==> flow/design.v <==
module sync_add_rtl #(
    parameter integer DATA_WIDTH = 72
) (
    input  CLK,
    input  [DATA_WIDTH-1:0] in_opa,
    input  [DATA_WIDTH-1:0] in_opb,
    input  in_carry_in,
    output reg [DATA_WIDTH-1:0] out_result,
    output reg out_co
);
    reg [DATA_WIDTH-1:0] cur;
    reg cy;
    integer idx;
    always @(*) begin
        cy = in_carry_in;
        for (idx = 0; idx < DATA_WIDTH; idx = idx + 1) begin
            cur[idx] = in_opa[idx] ^ in_opb[idx] ^ cy;
            cy = (in_opa[idx] & in_opb[idx]) | (cy & (in_opa[idx] | in_opb[idx]));
        end
    end
    always @(posedge CLK) begin
        out_result <= cur;
        out_co <= cy;
    end
endmodule
Tool chain data of sync_add_rtl --
The steps from the RTL of sync_add_rtl to its reports follow in flow order. Line numbers count from 1 in the design file above. Operators carry their Yosys type and port widths (W data, S select, Z words). Cell names lack the library's common part. Not given: n/a
Inputs: top module sync_add_rtl, clock port CLK, standard-cell library sky130hd, library corner tt_025C_1v80

Elaborated design --
Yosys after proc, flatten, opt, wreduce and memory -nomap, before mapping. Enables and synchronous resets that opt folds into registers are not counted as muxes. Memory bits, and registers merged into a memory's read port (data or address), are not among the register bits. Print and check cells are not counted. Equal cells are merged and count once.
Storage and ports: input port bits 146, elaborated cells 434, bits in registers 73, output and inout port bits 73
Operators by class: bitwise operators 432
Operators with widths (count):
- $and A1 B1 Y1 | 144
- $or A1 B1 Y1 | 144
- $xor A1 B1 Y1 | 144

Longest topological paths --
Depth = most cells in a row (Yosys ltp): at word level without a register or memory, in the mapped netlist without a sequential cell, where the memories' decode and read muxes count.
Depth: depth after elaboration 145, ABC_AREA 0, mapped depth 76, depth with buffers taken out 76

Netlist --
Yosys stat after the flow's synthesis: flattened, memories mapped to cells. It holds for the ABC_AREA given above (unset counts as 0); a run with the other value may have another netlist. The area totals of this step are shown rounded.
Mapped netlist: mapped flip-flops 73, area of sequential cells 1461 µm², buffers 0, cells in the netlist 155, cell area after synthesis 2940 µm²
Cell types:
- dfxtp_1 | count 73, area in all 1.46E+03 µm²
- fa_1 | count 72, area in all 1.44E+03 µm²
- inv_1 | count 10, area in all 37.536 µm²

Path before layout --
Path of least setup slack by OpenSTA after synthesis, without wires, with an ideal clock, recovery checks aside; 20% of the period is set as input and as output delay. Where synthesis merged equal registers, the netlist keeps one of their names.
Timing post-synthesis: path type input to register, from input port in_opa[0], to register out_result[71], setup slack 6.857 ns, arrival time 35.886 ns, path delay 27.383 ns, time at the first pin 8.560 ns, path buffers 0, driving pins on the path 76, setup time 0.057 ns, input delay 8.560 ns, clock period 42.8 ns, data required time 42.743 ns, period reached after synthesis 35.943 ns
"path delay" = arrival - input delay + setup time. "driving pins on the path": output pins that drive a net of the path, with the launching flip-flop's if there is one; two outputs of one cell count as two. "period reached after synthesis" = period - worst setup slack (recovery checks aside). The figure is calculated, with input and output delays left at 20% of the set period. Between the ends stands the longest chain of elaborated cells between them, by number of cells; it is not shown to be the way that was timed. Of several equally long chains one is given. A line is the first line of the expression or statement that the cell stems from. Yosys adds cells for indexed reads and writes and turns some case tables into memories.
Between the ends, post-synthesis: cell sequence fa_1 -> fa_1 -> fa_1 -> fa_1 -> fa_1 -> fa_1 -> fa_1 -> fa_1 -> fa_1 -> fa_1 -> fa_1 -> fa_1 -> fa_1 -> fa_1 -> fa_1 -> fa_1 -> fa_1 -> fa_1 -> [40 not listed] -> fa_1 -> fa_1 -> fa_1 -> fa_1 -> fa_1 -> fa_1 -> fa_1 -> fa_1 -> fa_1 -> fa_1 -> fa_1 -> inv_1 -> fa_1 -> inv_1 -> fa_1 -> inv_1 -> fa_1 -> inv_1, cells in the longest elaborated chain 144, elaborated cells between the ends (all ways) 145, source lines of those cells 2, classes of those cells 145 x logic
Ends and longest elaborated chain, post-synthesis:
- start: declaration | RTL line 5 | input  [DATA_WIDTH-1:0] in_opa,
- $or A1 B1 Y1 | RTL line 18 | cy = (in_opa[idx] & in_opb[idx]) | (cy & (in_opa[idx] | in_opb[idx]));
- $and A1 B1 Y1 | RTL line 18
- $or A1 B1 Y1 | RTL line 18
- $and A1 B1 Y1 | RTL line 18
- $or A1 B1 Y1 | RTL line 18
- $and A1 B1 Y1 | RTL line 18
- $or A1 B1 Y1 | RTL line 18
- [130 not listed]
- $and A1 B1 Y1 | RTL line 18
- $or A1 B1 Y1 | RTL line 18
- $and A1 B1 Y1 | RTL line 18
- $or A1 B1 Y1 | RTL line 18
- $and A1 B1 Y1 | RTL line 18
- $or A1 B1 Y1 | RTL line 18
- $xor A1 B1 Y1 | RTL line 17 | cur[idx] = in_opa[idx] ^ in_opb[idx] ^ cy;
- end: assignment | RTL line 22 | out_result <= cur;
- end: declaration | RTL line 8 | output reg [DATA_WIDTH-1:0] out_result,

Path in the finished layout --
Path of least setup slack in the final report of run A (OpenROAD, finished layout, wires in). Where an end is a register, its clock arrival counts in the times.
Timing post-layout: path type input to register, from input port in_opa[0], to register out_result[71], arrival time 37.37 ns, time at the first pin 8.56 ns, clock period 42.8 ns, setup slack 5.71 ns, data required time 43.08 ns, input delay 8.56 ns, setup time 0.05 ns, driving pins on the path 77, path buffers 1
Between the ends stands the longest chain of elaborated cells between them, by number of cells; it is not shown to be the way that was timed. Of several equally long chains one is given.
Between the ends, post-layout: cell sequence clkdlybuf4s50_1 -> fa_1 -> fa_1 -> fa_1 -> fa_1 -> fa_1 -> fa_1 -> fa_1 -> fa_1 -> fa_1 -> fa_1 -> fa_1 -> fa_1 -> fa_1 -> fa_1 -> fa_1 -> fa_1 -> fa_1 -> [41 not listed] -> fa_1 -> fa_1 -> fa_1 -> fa_1 -> fa_1 -> fa_1 -> fa_1 -> fa_1 -> fa_1 -> fa_1 -> fa_1 -> inv_1 -> fa_1 -> inv_1 -> fa_1 -> inv_1 -> fa_1 -> inv_1, cells in the longest elaborated chain 144, elaborated cells between the ends (all ways) 145, source lines of those cells 2, classes of those cells 145 x logic
Ends and longest elaborated chain, post-layout:
- start: declaration | RTL line 5 | input  [DATA_WIDTH-1:0] in_opa,
- $or A1 B1 Y1 | RTL line 18 | cy = (in_opa[idx] & in_opb[idx]) | (cy & (in_opa[idx] | in_opb[idx]));
- $and A1 B1 Y1 | RTL line 18
- $or A1 B1 Y1 | RTL line 18
- $and A1 B1 Y1 | RTL line 18
- $or A1 B1 Y1 | RTL line 18
- $and A1 B1 Y1 | RTL line 18
- $or A1 B1 Y1 | RTL line 18
- [130 not listed]
- $and A1 B1 Y1 | RTL line 18
- $or A1 B1 Y1 | RTL line 18
- $and A1 B1 Y1 | RTL line 18
- $or A1 B1 Y1 | RTL line 18
- $and A1 B1 Y1 | RTL line 18
- $or A1 B1 Y1 | RTL line 18
- $xor A1 B1 Y1 | RTL line 17 | cur[idx] = in_opa[idx] ^ in_opb[idx] ^ cy;
- end: assignment | RTL line 22 | out_result <= cur;
- end: declaration | RTL line 8 | output reg [DATA_WIDTH-1:0] out_result,

FLOW RESULTS
============

Module sync_add_rtl, platform sky130hd: 3 stored runs of the flow (Yosys, OpenROAD) with differing settings, in no particular order. Input and output delays are each 20% of the period that was set; the output load is 0.01 pF.
"achieved clock period" is the run's clock period less its worst setup slack. It is reckoned from that one timing run; input and output delays stay at 20% of the period that was set.
"power" is the tool's figure for a default switching activity; nothing was simulated.
Measured values are rounded.
[run A] settings: period_ns=42.8, CAP_MARGIN=20, CORE_MARGIN=2, CORE_UTILIZATION=40, SLEW_MARGIN=20
[run A] result: chip area after synthesis (Yosys) 2940 µm², die area 8052 µm², standard-cell area of the final layout 5435 µm², utilization 75.7 %, worst setup slack after layout 5.708 ns, worst hold slack 8.894 ns, power 203.9 uW, achieved clock period 37.092 ns
[run B] settings: period_ns=61.5, CORE_UTILIZATION=45, SETUP_SLACK_MARGIN=5.0, PLACE_DENSITY_LB_ADDON=0.24, CELL_PAD_IN_SITES_GLOBAL_PLACEMENT=1, ABC_AREA=0, CTS_CLUSTER_SIZE=94, SLEW_MARGIN=10, CAP_MARGIN=20, CORE_MARGIN=2
[run B] result: did not finish, placement stopped with FLW-0024
[run C] settings: period_ns=25.7, CORE_UTILIZATION=23, SETUP_SLACK_MARGIN=-0.78, PLACE_DENSITY=0.68, TNS_END_PERCENT=10, ABC_AREA=1, CTS_CLUSTER_DIAMETER=292, MIN_ROUTING_LAYER=met2, MAX_ROUTING_LAYER=met4, CAP_MARGIN=20, CORE_MARGIN=2, SLEW_MARGIN=20
[run C] result: chip area after synthesis (Yosys) 2940 µm², die area 13700 µm², standard-cell area of the final layout 5856 µm², utilization 46.6 %, worst setup slack after layout -4.901 ns, worst hold slack 5.275 ns, power 404.9 uW, achieved clock period 30.601 ns
